==> flow/design.v <==
module adder_la4 (
  input wire [3:0] a,
  input wire [3:0] b,
  input wire ci,
  output wire [3:0] s,
  output wire co
);
  wire [3:0] g = a & b;
  wire [3:0] p = a ^ b;
  wire c1 = g[0] | (p[0] & ci);
  wire c2 = g[1] | (p[1] & g[0]) | (p[1] & p[0] & ci);
  wire c3 = g[2] | (p[2] & g[1]) | (p[2] & p[1] & g[0]) | (p[2] & p[1] & p[0] & ci);
  assign co = g[3] | (p[3] & g[2]) | (p[3] & p[2] & g[1]) | (p[3] & p[2] & p[1] & g[0]) | (&p & ci);
  assign s = p ^ {c3, c2, c1, ci};
endmodule
module adder #(
  parameter WIDTH = 36
) (
  input wire ck,
  input wire clk_en,
  input wire [WIDTH-1:0] src1_i,
  input wire [WIDTH-1:0] src2_i,
  input wire c0_i,
  output reg [WIDTH-1:0] res_o,
  output reg ovf_o
);
  reg [WIDTH-1:0] src1_d1;
  reg [WIDTH-1:0] src2_d1;
  reg c0_d1;
  always @(posedge ck) begin
    if (clk_en) begin
      src1_d1 <= src1_i;
      src2_d1 <= src2_i;
      c0_d1 <= c0_i;
    end
  end
  localparam GROUPS = WIDTH / 4;
  wire [WIDTH-1:0] t;
  wire [GROUPS:0] cy;
  assign cy[0] = c0_d1;
  genvar ii;
  generate
    for (ii = 0; ii < GROUPS; ii = ii + 1) begin : row
      adder_la4 u (.a(src1_d1[4*ii +: 4]), .b(src2_d1[4*ii +: 4]), .ci(cy[ii]), .s(t[4*ii +: 4]), .co(cy[ii+1]));
    end
  endgenerate
  always @(posedge ck) begin
    if (clk_en) begin
      res_o <= t;
      ovf_o <= cy[GROUPS];
    end
  end
endmodule
# ---- Step by step through the tools: adder
# A sweep over "WIDTH": the same steps for each member of the family.
# The RTL above is that of WIDTH = 36; lines are counted from 1 in the file of the member named.
# Library cell names are shortened.
# Not given: -
dict set report setup {
  design {adder}
  clock_port {ck}
  cell_library {sky130hd}
  pvt_corner {tt_025C_1v80}
}

# ---- Members of the sweep
# Lines of each other member's file that are new or changed against the file above; lines that a member lacks are not shown.
# WIDTH line
set src_changes {}
lappend src_changes {64 17} ;# parameter WIDTH = 64
lappend src_changes {72 17} ;# parameter WIDTH = 72
lappend src_changes {80 17} ;# parameter WIDTH = 80
lappend src_changes {96 17} ;# parameter WIDTH = 96

# ---- Word level
# Source: Yosys, flattened and elaborated, memories not mapped. Widths are those after wreduce; folded enables and synchronous resets count as part of the registers. Registers that Yosys merges into a memory's read port (data or address) are not register bits. Print and check cells do not count. Equal cells are merged and count once.
# WIDTH reduce_and_logical n_cmp n_shift equal addsub n_mul n_mux n_logic div_mod_pow
set classes {}
lappend classes {36 9 0 0 0 0 0 0 252 0}
lappend classes {64 16 0 0 0 0 0 0 448 0}
lappend classes {72 18 0 0 0 0 0 0 504 0}
lappend classes {80 20 0 0 0 0 0 0 560 0}
lappend classes {96 24 0 0 0 0 0 0 672 0}
# WIDTH op_list
set op_table {}
lappend op_table {36 {135 x bitwise AND 1 bit; 90 x OR 1 bit; 18 x XOR 4 bit; 9 x bitwise AND 4 bit; 9 x AND reduction 4 bit}}
lappend op_table {64 {240 x bitwise AND 1 bit; 160 x OR 1 bit; 32 x XOR 4 bit; 16 x bitwise AND 4 bit; 16 x AND reduction 4 bit}}
lappend op_table {72 {270 x bitwise AND 1 bit; 180 x OR 1 bit; 36 x XOR 4 bit; 18 x bitwise AND 4 bit; 18 x AND reduction 4 bit}}
lappend op_table {80 {300 x bitwise AND 1 bit; 200 x OR 1 bit; 40 x XOR 4 bit; 20 x bitwise AND 4 bit; 20 x AND reduction 4 bit}}
lappend op_table {96 {360 x bitwise AND 1 bit; 240 x OR 1 bit; 48 x XOR 4 bit; 24 x bitwise AND 4 bit; 24 x AND reduction 4 bit}}
# WIDTH ram_bits word_cells n_memories clocked_rd_ports_x_width register_bits latchBits romBits out_inout_bits
set bits {}
lappend bits {36 0 266 0 0 110 0 0 37}
lappend bits {64 0 469 0 0 194 0 0 65}
lappend bits {72 0 527 0 0 218 0 0 73}
lappend bits {80 0 585 0 0 242 0 0 81}
lappend bits {96 0 701 0 0 290 0 0 97}

# ---- Longest topological paths
# Depth = most cells in a row (Yosys ltp): at word level without a register or memory, in the mapped netlist without a sequential cell, where the memories' decode and read muxes count.
# WIDTH word_depth ABC_AREA ltp_mapped depth_no_buf
set logic_depth {}
lappend logic_depth {36 23 0 11 11}
lappend logic_depth {64 37 0 11 11}
lappend logic_depth {72 41 0 12 12}
lappend logic_depth {80 45 0 13 13}
lappend logic_depth {96 53 0 13 13}

# ---- Synthesis result
# The flow's flattened synthesis, as Yosys stat reports it; memories are mapped. The netlist is that of the ABC_AREA named above (0 if unset); the other value can give another one.
# WIDTH type_list
set by_type {}
lappend by_type {36 {110 x edfxtp_1; 36 x ha_1; 9 x fa_1; 17 x xor2_1; 20 x a21oi_1; 11 x a21o_1; 9 x xnor2_1; 13 x nand2_1; 12 x inv_1; 9 x nor2_1; 6 x o21ai_1; 1 x a2111oi_4; 3 x a21oi_2; 5 x nand3_1; 4 x nand4_1; 4 x nor2b_1; 4 x o21ai_0; 3 x a31oi_1; [+21]}}
lappend by_type {64 {194 x edfxtp_1; 64 x ha_1; 16 x fa_1; 42 x a21oi_1; 21 x xor2_1; 19 x xnor2_1; 18 x a21o_1; 25 x nand2_1; 24 x nor2_1; 22 x inv_1; 11 x nand3_1; 11 x o21ai_0; 6 x o21bai_1; 7 x or3_1; 8 x nor3_1; 5 x a211oi_1; 5 x o21a_1; 4 x a211o_1; [+72]}}
lappend by_type {72 {218 x edfxtp_1; 72 x ha_1; 18 x fa_1; 28 x xor2_1; 41 x a21oi_1; 19 x xnor2_1; 16 x a21o_1; 24 x o21ai_0; 25 x nor2_1; 24 x nand2_1; 18 x inv_1; 9 x nor3_1; 7 x nand4_1; 6 x a31oi_1; 6 x nand2b_1; 3 x nand4_2; 5 x and3_1; 4 x a211oi_1; [+68]}}
lappend by_type {80 {242 x edfxtp_1; 80 x ha_1; 20 x fa_1; 30 x xnor2_1; 49 x a21oi_1; 25 x xor2_1; 18 x a21o_1; 35 x nor2_1; 29 x nand2_1; 16 x nand4_1; 25 x inv_1; 12 x nor3_1; 12 x o21ai_0; 11 x o21ai_1; 7 x o21bai_1; 6 x a211oi_1; 3 x a211oi_2; 5 x o21a_1; [+62]}}
lappend by_type {96 {290 x edfxtp_1; 96 x ha_1; 24 x fa_1; 38 x xor2_1; 63 x a21oi_1; 32 x xnor2_1; 21 x a21o_1; 39 x nand2_1; 29 x nor2_1; 21 x o21ai_0; 23 x inv_1; 10 x o21a_1; 11 x nand4_1; 7 x o211ai_1; 10 x o21ai_1; 9 x nor3_1; 6 x o21bai_1; 7 x nand3_1; [+62]}}
# The mark [+n] counts cells that are not listed.
# WIDTH cell_count ff_cells area_um2
set synth_totals {}
lappend synth_totals {36 297 110 4827.1}
lappend synth_totals {64 574 194 8864.8}
lappend synth_totals {72 611 218 9740.6}
lappend synth_totals {80 687 242 10836.6}
lappend synth_totals {96 798 290 12817.3}
# The figures by module come from a second, unflattened synthesis with its own total; it is not the netlist above.
# WIDTH hier_cells hier_area_um2
set unflattened {}
lappend unflattened {36 263 4631.9}
lappend unflattened {64 466 8187.9}
lappend unflattened {72 524 9203.8}
lappend unflattened {80 582 10219.8}
lappend unflattened {96 698 12251.8}

# ---- Timing after synthesis
# OpenSTA on the mapped netlist: ideal clock, no wires. The path of least setup slack (recovery checks aside). Input and output delay are each 20% of the period. Register names are those of the netlist, which keeps one name where synthesis merged equal registers.
# WIDTH path_type from to path_slack_ns delay_ns tclk_ns driving_pins synth_period_reached_ns
set synth_path {}
lappend synth_path {36 {register to register} {reg src2_d1[25]} {reg res_o[33]} 0.724 2.886 3.61 12 2.886}
lappend synth_path {64 {register to register} {reg src2_d1[17]} {reg res_o[49]} 0.797 3.193 3.99 12 3.193}
lappend synth_path {72 {register to register} {reg src2_d1[12]} {reg res_o[69]} 0.817 3.253 4.07 13 3.253}
lappend synth_path {80 {register to register} {reg src2_d1[0]} {reg res_o[65]} 0.751 2.989 3.74 13 2.989}
lappend synth_path {96 {register to register} {reg src2_d1[12]} {reg res_o[93]} 0.846 3.374 4.22 14 3.374}
# "delay_ns" is the arrival time less input delay plus setup time.
# "driving_pins": output pins that drive a net of the path, with the launching flip-flop's if there is one; two outputs of one cell count as two.
# "synth_period_reached_ns" = period - worst setup slack (recovery checks aside). The figure is calculated, with input and output delays left at 20% of the set period.
# The rows between start and end are the longest chain of elaborated cells between them; the timing report does not say that the signal goes this way. Where chains are equally long, one stands for them.
# A line is the first line of the expression or statement that the cell stems from. Yosys adds cells for indexed reads and writes and turns some case tables into memories.
dict set report synth_via_WIDTH_36 {
  elab_chain_cells 10
}
# item line
set synth_rtl_WIDTH_36 {}
lappend synth_rtl_WIDTH_36 {{start, declared} 28} ;# reg [WIDTH-1:0] src2_d1;
lappend synth_rtl_WIDTH_36 {{start, assigned} 33} ;# src2_d1 <= src2_i;
lappend synth_rtl_WIDTH_36 {{bitwise AND 4 bit} 8} ;# wire [3:0] g = a & b;
lappend synth_rtl_WIDTH_36 {{bitwise AND 1 bit} 13} ;# assign co = g[3] | (p[3] & g[2]) | (p[3] & p[2] & g[1]) | (p[3] & p[2] & p[1] & g[0]) | (&p & ci);
lappend synth_rtl_WIDTH_36 {{OR 1 bit x3} 13}
lappend synth_rtl_WIDTH_36 {{bitwise AND 1 bit} 13}
lappend synth_rtl_WIDTH_36 {{OR 1 bit} 13}
lappend synth_rtl_WIDTH_36 {{bitwise AND 1 bit} 10} ;# wire c1 = g[0] | (p[0] & ci);
lappend synth_rtl_WIDTH_36 {{OR 1 bit} 10}
lappend synth_rtl_WIDTH_36 {{XOR 4 bit} 14} ;# assign s = p ^ {c3, c2, c1, ci};
lappend synth_rtl_WIDTH_36 {{end, assigned} 49} ;# res_o <= t;
lappend synth_rtl_WIDTH_36 {{end, declared} 24} ;# output reg [WIDTH-1:0] res_o,
dict set report synth_via_WIDTH_96 {
  elab_chain_cells 45
}
# item line
set synth_rtl_WIDTH_96 {}
lappend synth_rtl_WIDTH_96 {{start, declared} 28} ;# reg [WIDTH-1:0] src2_d1;
lappend synth_rtl_WIDTH_96 {{start, assigned} 33} ;# src2_d1 <= src2_i;
lappend synth_rtl_WIDTH_96 {{bitwise AND 4 bit} 8} ;# wire [3:0] g = a & b;
lappend synth_rtl_WIDTH_96 {{bitwise AND 1 bit} 13} ;# assign co = g[3] | (p[3] & g[2]) | (p[3] & p[2] & g[1]) | (p[3] & p[2] & p[1] & g[0]) | (&p & ci);
lappend synth_rtl_WIDTH_96 {{OR 1 bit x2} 13}
lappend synth_rtl_WIDTH_96 {{bitwise AND 1 bit} 13}
lappend synth_rtl_WIDTH_96 {{OR 1 bit} 13}
lappend synth_rtl_WIDTH_96 {{bitwise AND 1 bit} 13}
lappend synth_rtl_WIDTH_96 {{OR 1 bit} 13}
lappend synth_rtl_WIDTH_96 {{(+30 left out)} -}
lappend synth_rtl_WIDTH_96 {{bitwise AND 1 bit} 13}
lappend synth_rtl_WIDTH_96 {{OR 1 bit} 13}
lappend synth_rtl_WIDTH_96 {{bitwise AND 1 bit} 13}
lappend synth_rtl_WIDTH_96 {{OR 1 bit} 13}
lappend synth_rtl_WIDTH_96 {{bitwise AND 1 bit} 10} ;# wire c1 = g[0] | (p[0] & ci);
lappend synth_rtl_WIDTH_96 {{OR 1 bit} 10}
lappend synth_rtl_WIDTH_96 {{XOR 4 bit} 14} ;# assign s = p ^ {c3, c2, c1, ci};
lappend synth_rtl_WIDTH_96 {{end, assigned} 49} ;# res_o <= t;
lappend synth_rtl_WIDTH_96 {{end, declared} 24} ;# output reg [WIDTH-1:0] res_o,

# ---- Path in the finished layout
# From the final timing report of each member's run: the path of least setup slack in the routed layout; clock arrival at registers is part of the times.
# WIDTH path_type from to path_slack_ns arrival_ns tclk_ns driving_pins n_path_buf
set layout_path {}
lappend layout_path {36 {register to register} {reg src2_d1[14]} {reg res_o[32]} 0.46 3.24 3.61 11 0}
lappend layout_path {64 {register to register} {reg src2_d1[29]} {reg res_o[49]} 0.34 3.82 3.99 12 0}
lappend layout_path {72 {register to register} {reg src1_d1[29]} {reg res_o[69]} 0.43 3.90 4.07 13 0}
lappend layout_path {80 {register to register} {reg src2_d1[0]} {reg res_o[65]} 0.34 3.67 3.74 13 0}
lappend layout_path {96 {register to register} {reg src2_d1[17]} {reg res_o[93]} 0.36 4.10 4.22 14 0}

# ---- Flow runs
# Settings and results of one run of the flow (Yosys, OpenROAD) for each member follow. The constraints put input and output delay at 20% of the set period each and load the outputs with 0.01 pF.
dict set report flow_settings {
  CAP_MARGIN 20
  CORE_MARGIN 2
  CORE_UTILIZATION 40
  SLEW_MARGIN 20
}
# WIDTH period_ns
set settings_diff {}
lappend settings_diff {36 3.61}
lappend settings_diff {64 3.99}
lappend settings_diff {72 4.07}
lappend settings_diff {80 3.74}
lappend settings_diff {96 4.22}
# WIDTH worst_setup_slack_ns fin_util_pct period_less_ws_ns finish.stdcell_area_um2 yosys_chip_area_um2 design.die.area_um2 power_uw
set measured {}
lappend measured {36 0.459 53.9 3.151 6414.9 4827.1 12963.0 3254}
lappend measured {64 0.343 54.1 3.647 11777.5 8864.8 23369.2 5516}
lappend measured {72 0.425 54.4 3.645 13108.8 9740.6 25616.0 6193}
lappend measured {80 0.340 54.8 3.400 14696.6 10836.6 28424.3 7772}
lappend measured {96 0.365 55.4 3.855 17485.5 12817.3 33490.8 8369}
# "period_less_ws_ns" means the clock period less the worst setup slack. The figure is calculated, with input and output delays left at 20% of the set period.
# "power_uw" rests on the timing tool's default activity at the inputs, not on a simulated workload.
